==> flow/design.v <==
module mag_cmp_n #(
  parameter WD = 4,
  parameter N = 4
) (
  input  clk,
  input  [N*WD-1:0] din,
  output [WD-1:0] max_o
);
  reg [N*WD-1:0] din_d1;
  reg [WD-1:0] work;
  integer k;
  always @(*) begin
    work = din_d1[WD-1:0];
    for (k = 1; k < N; k = k + 1)
      if (din_d1[k*WD +: WD] > work) work = din_d1[k*WD +: WD];
  end
  assign max_o = work;
  always @(posedge clk)
    din_d1 <= din;
endmodule
# [Tool chain data of mag_cmp_n]
# What the tools print for mag_cmp_n, step after step.
# Lines are those of the file above, counted from 1.
# Operators carry their Yosys type and port widths (W data, S select, Z words).
# Library cell names are shortened.
# Not given: --
[design] top="mag_cmp_n" clk_port="clk" library="sky130hd" lib_corner="tt_025C_1v80"

# [Elaborated design]
# Counts by Yosys on the flattened word-level netlist (proc, flatten, opt, wreduce; memories kept). Register bits leave out memories and registers merged into their read ports (data or address); mux counts leave out enables and synchronous resets folded into registers. Print and check cells are left out. Cells with the same type and inputs are merged into one.
[word_totals] romBits=0 out_inout_bits=4 reg_bits=16 clocked_rd_ports_x_width=0 latchBits=0 ram_bits=0 memories=0
[op_classes] bitwise=0 n_addsub=0 cmp=3 multipliers=0 reduce_and_logical=0 div_mod_pow=0 shifts=0 mux=3 equal=0
[op_table] operator="$gt A4 B4 Y1" n=3
[op_table] operator="$mux W4" n=3

# [Depth]
# Longest topological path by Yosys (ltp), each cell counted once; first at word level (registers and memories cut), then after technology mapping (sequential cells cut; the memories' decode and read muxes count).
[depth] depth_word=6 abc_area=0 mapped_depth=20

# [Synthesis result]
# Yosys stat after the flow's synthesis: flattened, memories mapped to cells. It holds for the ABC_AREA given above (unset counts as 0); a run with the other value may have another netlist.
# Totals and module areas in this step are rounded.
[by_type] cell_type="dfxtp_1" n=16
[by_type] cell_type="ha_1" n=12
[by_type] cell_type="a211oi_1" n=4
[by_type] cell_type="a21o_1" n=4
[by_type] cell_type="mux2i_1" n=3
[by_type] cell_type="nor2_1" n=8
[by_type] cell_type="o2bb2ai_4" n=1
[by_type] cell_type="inv_1" n=7
[by_type] cell_type="nor3_1" n=4
[by_type] cell_type="o21bai_4" n=1
[by_type] cell_type="mux2i_2" n=1
[by_type] cell_type="nor2b_4" n=1
[by_type] cell_type="a211oi_2" n=1
[by_type] cell_type="nand4_1" n=2
[by_type] cell_type="o211ai_2" n=1
[by_type] cell_type="buf_6" n=1
[by_type] cell_type="a21oi_1" n=2
[by_type] cell_type="o211a_1" n=1
# Not listed: further types 7, cells in them 8.
[synth_totals] mapped_area_mm2=0.00083 seqArea_mm2=0.00032 cell_count=78 ff_cells=16

# [Worst setup path after synthesis]
# Path of least setup slack by OpenSTA after synthesis, without wires, with an ideal clock, recovery checks aside; 20% of the period is set as input and as output delay. Where synthesis merged equal registers, the netlist keeps one of their names.
[synth_timing] path_kind="register to output" start="register din_d1[3]" end="output port max_o[0]" setup_slack_ns=0.895 path_delay_ns=3.585 period_ns=5.6 driving_pins=19 arrival_ns=3.585 output_delay_ns=1.120 path_buffers=1 launch_ns=0.000 synth_period_reached_ns=4.705
# "path_delay_ns" = arrival - input delay + setup time.
# A path that ends at an output port has no setup time.
# "driving_pins" counts driving pins, that of a launching flip-flop among them; a cell with two outputs on the path counts twice.
# "synth_period_reached_ns" is the clock period less the worst setup slack; recovery checks do not enter. This is arithmetic on one report: input and output delays are still those of the set period (20% each).
# The rows between start and end are the longest chain of elaborated cells between them; the timing report does not say that the signal goes this way. Where chains are equally long, one stands for them.
# A line is the first line of the expression or statement that the cell stems from. Yosys adds cells for indexed reads and writes and turns some case tables into memories.
[synth_via] cell_sequence="dfxtp_1 inv_1 ha_1 a21oi_1 o2bb2ai_4 mux2i_2 ha_1 a211oi_1 nand2_1 o211ai_2 buf_6 nor2_1 a21o_1 ha_1 nor2b_1 o211a_1 o21ai_2 and2_1 a211oi_1" elab_chain_cells=6 cone_cells=6 cone_lines=1 cone_classes="3 x compare; 3 x mux"
[synth_lines] item="start, declared" line_no=9 rtl="reg [N*WD-1:0] din_d1;"
[synth_lines] item="start, assigned" line_no=19 rtl="din_d1 <= din;"
[synth_lines] item="$gt A4 B4 Y1" line_no=15 rtl="if (din_d1[k*WD +: WD] > work) work = din_d1[k*WD +: WD];"
[synth_lines] item="$mux W4" line_no=15
[synth_lines] item="$gt A4 B4 Y1" line_no=15
[synth_lines] item="$mux W4" line_no=15
[synth_lines] item="$gt A4 B4 Y1" line_no=15
[synth_lines] item="$mux W4" line_no=15
[synth_lines] item="end, declared" line_no=7 rtl="output [WD-1:0] max_o"

# [Timing after layout]
# Path of least setup slack in the final report of run 1 (OpenROAD, finished layout, wires in). Where an end is a register, its clock arrival counts in the times.
[layout_timing] path_kind="register to output" start="register din_d1[1]" end="output port max_o[1]" driving_pins=20 output_delay_ns=1.12 arrival_ns=4.24 period_ns=5.6 setup_slack_ns=0.24 path_buffers=1 launch_ns=0.30
# The rows between start and end are the longest chain of elaborated cells between them; the timing report does not say that the signal goes this way. Where chains are equally long, one stands for them.
[layout_via] cell_sequence="dfxtp_1 inv_1 ha_1 nor2b_4 o21bai_4 o2bb2ai_4 mux2i_2 ha_1 a211oi_1 nand2_1 o211ai_4 nor2_1 a21o_1 ha_1 nor2b_1 o211a_1 o21a_1 nor3_1 a211oi_1 dlygate4sd2_1" elab_chain_cells=6 cone_cells=6 cone_lines=1 cone_classes="3 x compare; 3 x mux"
[layout_lines] item="start, declared" line_no=9 rtl="reg [N*WD-1:0] din_d1;"
[layout_lines] item="start, assigned" line_no=19 rtl="din_d1 <= din;"
[layout_lines] item="$gt A4 B4 Y1" line_no=15 rtl="if (din_d1[k*WD +: WD] > work) work = din_d1[k*WD +: WD];"
[layout_lines] item="$mux W4" line_no=15
[layout_lines] item="$gt A4 B4 Y1" line_no=15
[layout_lines] item="$mux W4" line_no=15
[layout_lines] item="$gt A4 B4 Y1" line_no=15
[layout_lines] item="$mux W4" line_no=15
[layout_lines] item="end, declared" line_no=7 rtl="output [WD-1:0] max_o"

Appendix: measured runs

Settings and measured results of 3 stored flow runs for module mag_cmp_n (sky130hd), not sorted in any way. The constraints put input and output delay at 20% of the set period each and load the outputs with 0.01 pF.
"achieved clock period" is the run's clock period less its worst setup slack. It is reckoned from that one timing run; input and output delays stay at 20% of the period that was set.
"worst setup path time" is the time allowed to the run's worst setup path (the clock period less input and output delay, where it has them) less its slack. Clock arrival times count: a late capture clock shortens it, a late launch clock lengthens it.
"power" rests on the timing tool's default activity at the inputs, not on a simulated workload.
Measured values are rounded.
[run 1] settings: period_ns=5.6, CAP_MARGIN=20, CORE_MARGIN=2, CORE_UTILIZATION=40, SLEW_MARGIN=20
[run 1] result: chip area after synthesis (Yosys) 0.00083 mm2, die area 0.0025 mm2, standard-cell area of the final layout 0.0012 mm2, utilization 0.61, worst setup slack after layout 0.24 ns, total negative slack 0.000 ns, worst hold slack 1.3 ns, power 370 µW, achieved clock period 5.355 ns, worst setup path time 4.24 ns, worst setup path kind register to output
[run 2] settings: period_ns=3.42, CORE_UTILIZATION=56, PLACE_DENSITY_LB_ADDON=0.19, CORE_ASPECT_RATIO=0.54, TNS_END_PERCENT=35, ABC_AREA=1, GPL_TIMING_DRIVEN=1, MAX_ROUTING_LAYER=met5, CAP_MARGIN=20, CORE_MARGIN=2, SLEW_MARGIN=20
[run 2] result: did not finish, floorplanning stopped with PDN-0185
[run 3] settings: period_ns=4.46, CORE_UTILIZATION=41, PLACE_DENSITY_LB_ADDON=0.19, CORE_ASPECT_RATIO=0.88, CELL_PAD_IN_SITES_GLOBAL_PLACEMENT=2, GPL_TIMING_DRIVEN=1, CTS_CLUSTER_DIAMETER=306, MIN_ROUTING_LAYER=met2, CAP_MARGIN=20, CORE_MARGIN=2, SLEW_MARGIN=20
[run 3] result: chip area after synthesis (Yosys) 0.00083 mm2, die area 0.0024 mm2, standard-cell area of the final layout 0.0014 mm2, utilization 0.72, worst setup slack after layout -0.26 ns, total negative slack -1.0 ns, worst hold slack 1.0 ns, power 500 µW, achieved clock period 4.720 ns, worst setup path time 3.83 ns, worst setup path kind register to output
